==> flow/design.v <==
module ex_sum_block #(
  parameter int WD = 24
) (
  input  logic clk,
  input  logic aresetn,
  input  logic clk_en,
  input  logic [WD-1:0] src1,
  input  logic [WD-1:0] src2,
  output logic [WD:0] res
);
  logic [WD-1:0] src1_reg;
  always_ff @(posedge clk or negedge aresetn) begin
    if (!aresetn) begin
      src1_reg <= '0;
    end else if (clk_en) begin
      src1_reg <= src1;
    end
  end
  logic [WD-1:0] src2_reg;
  always_ff @(posedge clk or negedge aresetn) begin
    if (!aresetn) begin
      src2_reg <= '0;
    end else if (clk_en) begin
      src2_reg <= src2;
    end
  end
  assign res = src1_reg + src2_reg;
endmodule
# == From RTL to reports: ex_sum_block ==
# What the tools print for ex_sum_block, step after step.
# Lines are those of the file above, counted from 1.
# Library cell names are shortened.
# Not given: --
# inputs
design,ex_sum_block
clock,clk
lib,sky130hd
corner,tt_025C_1v80

# == Elaborated design ==
# Yosys after proc, flatten, opt, wreduce and memory -nomap, before mapping. Enables and synchronous resets that opt folds into registers are not counted as muxes. Memory bits, and registers merged into a memory's read port (data or address), are not among the register bits. Print and check cells are not counted. Equal cells are merged and count once.
# bits
reg_bits,48
latch_bits,0
ramBits,0
rom_bits,0
clocked_rd_ports_x_width,0
mem_count,0
input_bits,51
output_inout_bits,25
wordCells,3
# op_classes
add_sub_neg,1
n_mul,0
div_mod_pow,0
compare,0
equal,0
shift,0
mux,0
logic,0
n_reduce_logical,0
# op_table
op,count
adder 24 x 24 -> 25 bit,1

# == Logic depth ==
# Yosys ltp: most cells in a row. Word level: on the elaborated netlist, between registers, memories and ports. Mapped: between sequential cells and ports; inverters and the memories' decode and read muxes count.
# depth
depth_word,1
abc_area,0
ltp_mapped,8
depth_no_buf,8

# == Mapped cells and area ==
# Source: synth_stat.txt of the flow (Yosys; design flattened, memories mapped). It holds for the ABC_AREA given above (unset counts as 0); a run with the other value may have another netlist.
# The area totals of this step are shown rounded.
# by_type
type,count,type_area_um2
dfrtp_1,48,1.2E+03
mux2_2,48,540.518
ha_1,24,300.288
xnor2_1,13,113.859
a21oi_1,20,100.096
a21o_1,10,75.072
nand2_1,15,56.304
xor2_1,6,52.55
nor2_1,10,37.536
nor2b_1,6,37.536
nand3_1,7,35.034
inv_1,8,30.029
o21ai_0,6,30.029
o21bai_1,4,30.029
a2111oi_4,1,27.526
and2_1,4,25.024
buf_6,2,22.522
clkbuf_1,6,22.522
# Other cell types: 29; their cells: 39.
# mapped
cell_count,277
synth_area_um2,3108
seqArea_um2,1201
ffs,48
buf_cells,8

# == Worst setup path after synthesis ==
# Source: OpenSTA report_checks on the synthesized netlist (no wires, ideal clock, input and output delay 20% of the period each), path of least setup slack; recovery checks are left aside. Register names are those of the netlist, which keeps one name where synthesis merged equal registers.
# synth_path
kind,register to output
startpoint,register src1_reg[0]
endpoint,output port res[18]
period_ns,3.38
out_delay_ns,0.676
launch_ns,0.000
arrival_time_ns,2.164
required_time_ns,2.704
setup_slack_ns,0.540
delay_ns,2.164
driving_pins,9
path_buffers,0
synth_period_reached_ns,2.84
# "delay_ns" is the arrival time less input delay plus setup time.
# A path that ends at an output port has no setup time.
# "driving_pins": output pins that drive a net of the path, with the launching flip-flop's if there is one; two outputs of one cell count as two.
# "synth_period_reached_ns" = period - worst setup slack (recovery checks aside). The figure is calculated, with input and output delays left at 20% of the set period.
# The rows between start and end are the longest chain of elaborated cells between them; the timing report does not say that the signal goes this way. Where chains are equally long, one stands for them.
# A line is the first line of the expression or statement that the cell stems from. Yosys adds cells for indexed reads and writes and turns some case tables into memories.
# synth_via
path_cell_list,dfrtp_1 -> ha_1 -> fa_1 -> a21oi_1 -> o211a_1 -> nor3_1 -> o311ai_0 -> nand2_1 -> xor2_1
elab_chain_cells,1
cells_between,1
lines_between,1
cone_classes,1 x add/sub
# synth_rtl
item,line_no,text
from (decl),11,logic [WD-1:0] src1_reg;
from (assign),14,src1_reg <= '0;
from (assign),16,src1_reg <= src1;
adder 24 x 24 -> 25 bit,27,assign res = src1_reg + src2_reg;
to (decl),9,output logic [WD:0] res

# == Worst path after layout ==
# Path of least setup slack in the final report of flow run A (OpenROAD, finished layout, wires in). Where an end is a register, its clock arrival counts in the times.
# layout_path
kind,register to output
startpoint,register src2_reg[0]
endpoint,output port res[20]
period_ns,2.86
out_delay_ns,0.57
launch_ns,0.28
arrival_time_ns,2.56
required_time_ns,2.29
setup_slack_ns,-0.27
driving_pins,11
path_buffers,2
# The rows between start and end are the longest chain of elaborated cells between them; the timing report does not say that the signal goes this way. Where chains are equally long, one stands for them.
# layout_via
path_cell_list,dfrtp_1 -> ha_2 -> fa_2 -> a21oi_2 -> o211a_1 -> nor2_2 -> a311o_1 -> a21oi_2 -> buf_4 -> xnor2_2 -> buf_2
elab_chain_cells,1
cells_between,1
lines_between,1
cone_classes,1 x add/sub
# layout_rtl
item,line_no,text
from (decl),19,logic [WD-1:0] src2_reg;
from (assign),22,src2_reg <= '0;
from (assign),24,src2_reg <= src2;
adder 24 x 24 -> 25 bit,27,assign res = src1_reg + src2_reg;
to (decl),9,output logic [WD:0] res

# Module ex_sum_block, platform sky130hd: 3 stored runs of the flow (Yosys, OpenROAD) with differing settings, in no particular order. Input and output delays are each 20% of the period that was set; the output load is 0.01 pF.
# "achievedPeriod_ns": clock period set for the run, less the worst setup slack. It is reckoned from that one timing run; input and output delays stay at 20% of the period that was set.
# By "worst_setup_path_time_ns" is meant the share of the clock period that the worst setup path is allowed (20% is reserved at inputs, 20% at outputs), minus its slack. Clock arrival times at its registers enter into it.
# "power_total_mw": no workload was simulated; the value follows from the tool's default switching activity.
# The measured numbers are rounded.
# Among the settings, -- means not set for that run.
# Results: -- = not shown.
item,flow run A,flow run B,flow run C
period_ns,2.86,3.38,2.59
CORE_UTILIZATION,26,40,50
PLACE_DENSITY_LB_ADDON,0.23,--,0.18
CELL_PAD_IN_SITES_GLOBAL_PLACEMENT,1,--,--
CTS_CLUSTER_SIZE,54,--,54
CTS_CLUSTER_DIAMETER,53,--,26
SLEW_MARGIN,20,20,20
MIN_ROUTING_LAYER,met1,--,--
MAX_ROUTING_LAYER,met5,--,--
CAP_MARGIN,20,20,20
CORE_MARGIN,2,2,8
SETUP_SLACK_MARGIN,--,--,0.01
CELL_PAD_IN_SITES_DETAIL_PLACEMENT,--,--,1
ABC_AREA,--,--,1
GPL_ROUTABILITY_DRIVEN,--,--,1
post_synth_area_um2,3108,3108,--
die_footprint_um2,12840,8491,--
post_route_stdcell_area_um2,4802,4249,--
util_pct,41.5,55.9,--
fin_ws_ns,-0.270,0.097,--
timing.setup.tns_ns,-1.865,0.000,--
power_total_mw,2.757,2.049,--
achievedPeriod_ns,3.130,3.283,--
worst_setup_path_time_ns,2.56,2.61,--
critical_path_type,register to output,register to output,--
# Flow run C: stopped before the end: clock tree synthesis reported DPL-0033
